==> flow/design.v <==
module mux_mod #(
    parameter W = 8,
    parameter LANES = 12
) (
    input  i_clk,
    input  rstn,
    input  [LANES*W-1:0] i_ch,
    input  [LANES-1:0] i_s,
    output [W-1:0] o_res
);
    reg [LANES*W-1:0] ch_s;
    always @(posedge i_clk) begin
        if (~rstn) begin
            ch_s <= 0;
        end else begin
            ch_s <= i_ch;
        end
    end
    reg [LANES-1:0] s_s;
    always @(posedge i_clk) begin
        if (~rstn) begin
            s_s <= 0;
        end else begin
            s_s <= i_s;
        end
    end
    reg [W-1:0] tmp;
    integer t;
    always @(*) begin
        tmp = 0;
        for (t = LANES-1; t >= 0; t = t - 1)
            if (s_s[t]) tmp = ch_s[t*W +: W];
    end
    assign o_res = tmp;
endmodule
### Tool chain data of mux_mod

The steps from the RTL of mux_mod to its reports follow in flow order.
Line numbers count from 1 in the design file above.
Library cell names are shortened.
A cell with - has no value.

| inputs | value |
|---|---|
| design top | mux_mod |
| clock port | i_clk |
| library | sky130hd |
| corner | tt_025C_1v80 |

### After elaboration

Yosys after proc, flatten, opt, wreduce and memory -nomap, before mapping. Enables and synchronous resets that opt folds into registers are not counted as muxes. Memory bits, and registers merged into a memory's read port (data or address), are not among the register bits. Print and check cells are not counted. Equal cells are merged and count once.

| operators by class | value |
|---|---|
| $add $sub $neg | 0 |
| divide/modulo/power cells | 0 |
| $mul | 0 |
| muxes and demuxes | 12 |
| shift-type cells | 0 |
| bitwise gates (word level) | 0 |
| reduce/logical cells | 0 |
| eq/ne operators | 0 |
| magnitude comparators | 0 |

Operators with widths:

| kind | count |
|---|---|
| 2-to-1 mux 8 bit | 12 |

| storage and ports | value |
|---|---|
| RAM bits | 0 |
| output and inout port bits | 8 |
| register bits | 108 |
| bits in read-only memories | 0 |
| word width x clocked read ports | 0 |
| memories kept | 0 |
| input port bits | 110 |
| cells after elaboration | 14 |
| bits in latches | 0 |

### Depth

Depth = most cells in a row (Yosys ltp): at word level without a register or memory, in the mapped netlist without a sequential cell, where the memories' decode and read muxes count.

| depth | value |
|---|---|
| depth after elaboration | 12 |
| ABC_AREA | 0 |
| depth in mapped cells | 6 |
| gate-level depth less buffers | 4 |

### Synthesis result

Yosys stat after the flow's synthesis: flattened, memories mapped to cells. It holds for the ABC_AREA given above (unset counts as 0); a run with the other value may have another netlist.

Cell types:

| cell | count | total area (sq um) |
|---|---|---|
| dfxtp_1 | 108 | 2.16E+03 |
| and2_1 | 108 | 675.648 |
| nor3b_1 | 23 | 172.666 |
| nor2b_1 | 24 | 150.144 |
| o31ai_1 | 15 | 112.608 |
| nand2_1 | 25 | 93.84 |
| a21oi_1 | 16 | 80.077 |
| o2bb2ai_1 | 7 | 61.309 |
| a211oi_1 | 8 | 60.058 |
| a22oi_1 | 7 | 52.55 |
| buf_2 | 10 | 50.048 |
| o21ai_0 | 10 | 50.048 |
| clkbuf_1 | 11 | 41.29 |
| nand3_1 | 8 | 40.038 |
| nor3_1 | 8 | 40.038 |
| buf_6 | 3 | 33.782 |
| o21ai_1 | 6 | 30.029 |
| nor3b_4 | 1 | 18.768 |

Not listed: further types 8, cells in them 11.

| synthesis totals | value |
|---|---|
| buffers | 28 |
| mapped cells | 409 |
| sequential area | 2162.1 sq um |
| mapped flip-flops | 108 |
| mapped area | 3993.8 sq um |

### Worst setup path after synthesis

OpenSTA on the mapped netlist: ideal clock, no wires. The path of least setup slack (recovery checks aside). Input and output delay are each 20% of the period. Register names are those of the netlist, which keeps one name where synthesis merged equal registers.

| path after synthesis | value |
|---|---|
| path type | flip-flop to output port |
| start point | register s_s[6] |
| end point | output o_res[4] |
| data arrival time | 1.127 ns |
| setup slack | 0.281 ns |
| path buffers | 1 |
| required time | 1.408 ns |
| output delay | 0.352 ns |
| delay of the path | 1.127 ns |
| stages | 6 |
| launch time at the first pin | 0.000 ns |
| clock period | 1.76 ns |
| synthesis period reached | 1.479 ns |

"delay of the path" = arrival - input delay + setup time.
A path that ends at an output port has no setup time.
"stages": output pins that drive a net of the path, with the launching flip-flop's if there is one; two outputs of one cell count as two.
"synthesis period reached" is the clock period less the worst setup slack; recovery checks do not enter. This is arithmetic on one report: input and output delays are still those of the set period (20% each).
Between the ends stands the longest chain of elaborated cells between them, by number of cells; it is not shown to be the way that was timed. Of several equally long chains one is given.
A line is the first line of the expression or statement that the cell stems from. Yosys adds cells for indexed reads and writes and turns some case tables into memories.

| between the ends, after synthesis | value |
|---|---|
| cell sequence | dfxtp_1 -> buf_6 -> nor3b_4 -> o2bb2ai_1 -> o21ai_0 -> a21oi_1 |
| length of the longest elaborated chain | 7 |
| elaborated cells on any way between the ends | 7 |
| source lines of those cells | 1 |
| those cells by class | mux: 7 |

RTL lines, path after synthesis:

| item | RTL line | text |
|---|---|---|
| from (decl) | 19 | `reg [LANES-1:0] s_s;` |
| from (assign) | 22 | `s_s <= 0;` |
| from (assign) | 24 | `s_s <= i_s;` |
| 2-to-1 mux 8 bit x7 | 32 | `if (s_s[t]) tmp = ch_s[t*W +: W];` |
| to (decl) | 9 | `output [W-1:0] o_res` |

### Worst path after layout

From the final timing report of flow run B: the path of least setup slack in the routed layout; clock arrival at registers is part of the times.

| path post-layout | value |
|---|---|
| path type | flip-flop to output port |
| start point | register s_s[8] |
| end point | output o_res[7] |
| required time | 1.41 ns |
| stages | 7 |
| setup slack | -0.27 ns |
| launch time at the first pin | 0.35 ns |
| data arrival time | 1.68 ns |
| path buffers | 2 |
| output delay | 0.35 ns |
| clock period | 1.76 ns |

Between the ends stands the longest chain of elaborated cells between them, by number of cells; it is not shown to be the way that was timed. Of several equally long chains one is given.

| between the ends, post-layout | value |
|---|---|
| cell sequence | dfxtp_4 -> buf_12 -> nor2b_4 -> o31ai_1 -> o21ai_1 -> a21oi_1 -> buf_2 |
| length of the longest elaborated chain | 9 |
| elaborated cells on any way between the ends | 9 |
| source lines of those cells | 1 |
| those cells by class | mux: 9 |

RTL lines, path post-layout:

| item | RTL line | text |
|---|---|---|
| from (decl) | 19 | `reg [LANES-1:0] s_s;` |
| from (assign) | 22 | `s_s <= 0;` |
| from (assign) | 24 | `s_s <= i_s;` |
| 2-to-1 mux 8 bit x9 | 32 | `if (s_s[t]) tmp = ch_s[t*W +: W];` |
| to (decl) | 9 | `output [W-1:0] o_res` |

Hand-over note for mux_mod

Settings and measured results of 3 stored flow runs for module mux_mod (sky130hd), not sorted in any way. The constraints put input and output delay at 20% of the set period each and load the outputs with 0.01 pF.
By "clock period reached" is meant the clock period of the run minus its worst setup slack. This is arithmetic on one report: input and output delays are still those of the set period (20% each).
"allowed time less slack (worst setup path)" means the part of the period allowed to the worst setup path (the constraints hold back 20% at inputs and 20% at outputs) less its slack; where the path has registers, the arrival times of their clocks count too.
By "overall power" is meant OpenSTA's value without simulated activity: inputs other than the clock are taken to toggle once in ten clock periods, and the tool carries that through the logic.

#### Flow run A

| setting | value |
|---|---|
| period_ns | `0.931` |
| CORE_UTILIZATION | `59` |
| PLACE_DENSITY_LB_ADDON | `0.28` |
| HOLD_SLACK_MARGIN | `0.06` |
| CORE_ASPECT_RATIO | `1.29` |
| CORE_MARGIN | `2` |
| CELL_PAD_IN_SITES_GLOBAL_PLACEMENT | `1` |
| TNS_END_PERCENT | `5` |
| CTS_CLUSTER_SIZE | `48` |
| CAP_MARGIN | `20` |
| SLEW_MARGIN | `20` |

No final report: placement broke off with FLW-0024.

#### Flow run B

| setting | value |
|---|---|
| period_ns | `1.76` |
| CAP_MARGIN | `20` |
| CORE_MARGIN | `2` |
| CORE_UTILIZATION | `40` |
| SLEW_MARGIN | `20` |

| result | value |
|---|---|
| post-route worst hold slack | 0.505 ns |
| cell area after synthesis | 3993.8 sq um |
| smallest setup slack | -0.273 ns |
| total negative slack | -1.899 ns |
| allowed time less slack (worst setup path) | 1.68 ns |
| critical path kind | flip-flop to output port |
| clock period reached | 2.033 ns |
| area of the standard cells in the finished layout | 6040.8 sq um |
| overall power | 4.853 mW |
| die size | 10799.4 sq um |
| utilization of the finished layout | 0.621 |

#### Flow run C

| setting | value |
|---|---|
| period_ns | `1.15` |
| CORE_UTILIZATION | `36` |
| SETUP_SLACK_MARGIN | `0.26` |
| PLACE_DENSITY_LB_ADDON | `0.22` |
| CELL_PAD_IN_SITES_DETAIL_PLACEMENT | `0` |
| TNS_END_PERCENT | `70` |
| GPL_ROUTABILITY_DRIVEN | `0` |
| CTS_CLUSTER_SIZE | `94` |
| CAP_MARGIN | `10` |
| MAX_ROUTING_LAYER | `met5` |
| CORE_MARGIN | `2` |
| SLEW_MARGIN | `20` |

| result | value |
|---|---|
| allowed time less slack (worst setup path) | 1.74 ns |
| critical path kind | flip-flop to output port |
| post-route worst hold slack | 0.382 ns |
| total negative slack | -6.040 ns |
| die size | 11952.0 sq um |
| utilization of the finished layout | 0.552 |
| clock period reached | 1.975 ns |
| overall power | 7.542 mW |
| area of the standard cells in the finished layout | 5979.5 sq um |
| cell area after synthesis | 3993.8 sq um |
| smallest setup slack | -0.825 ns |

End of note.
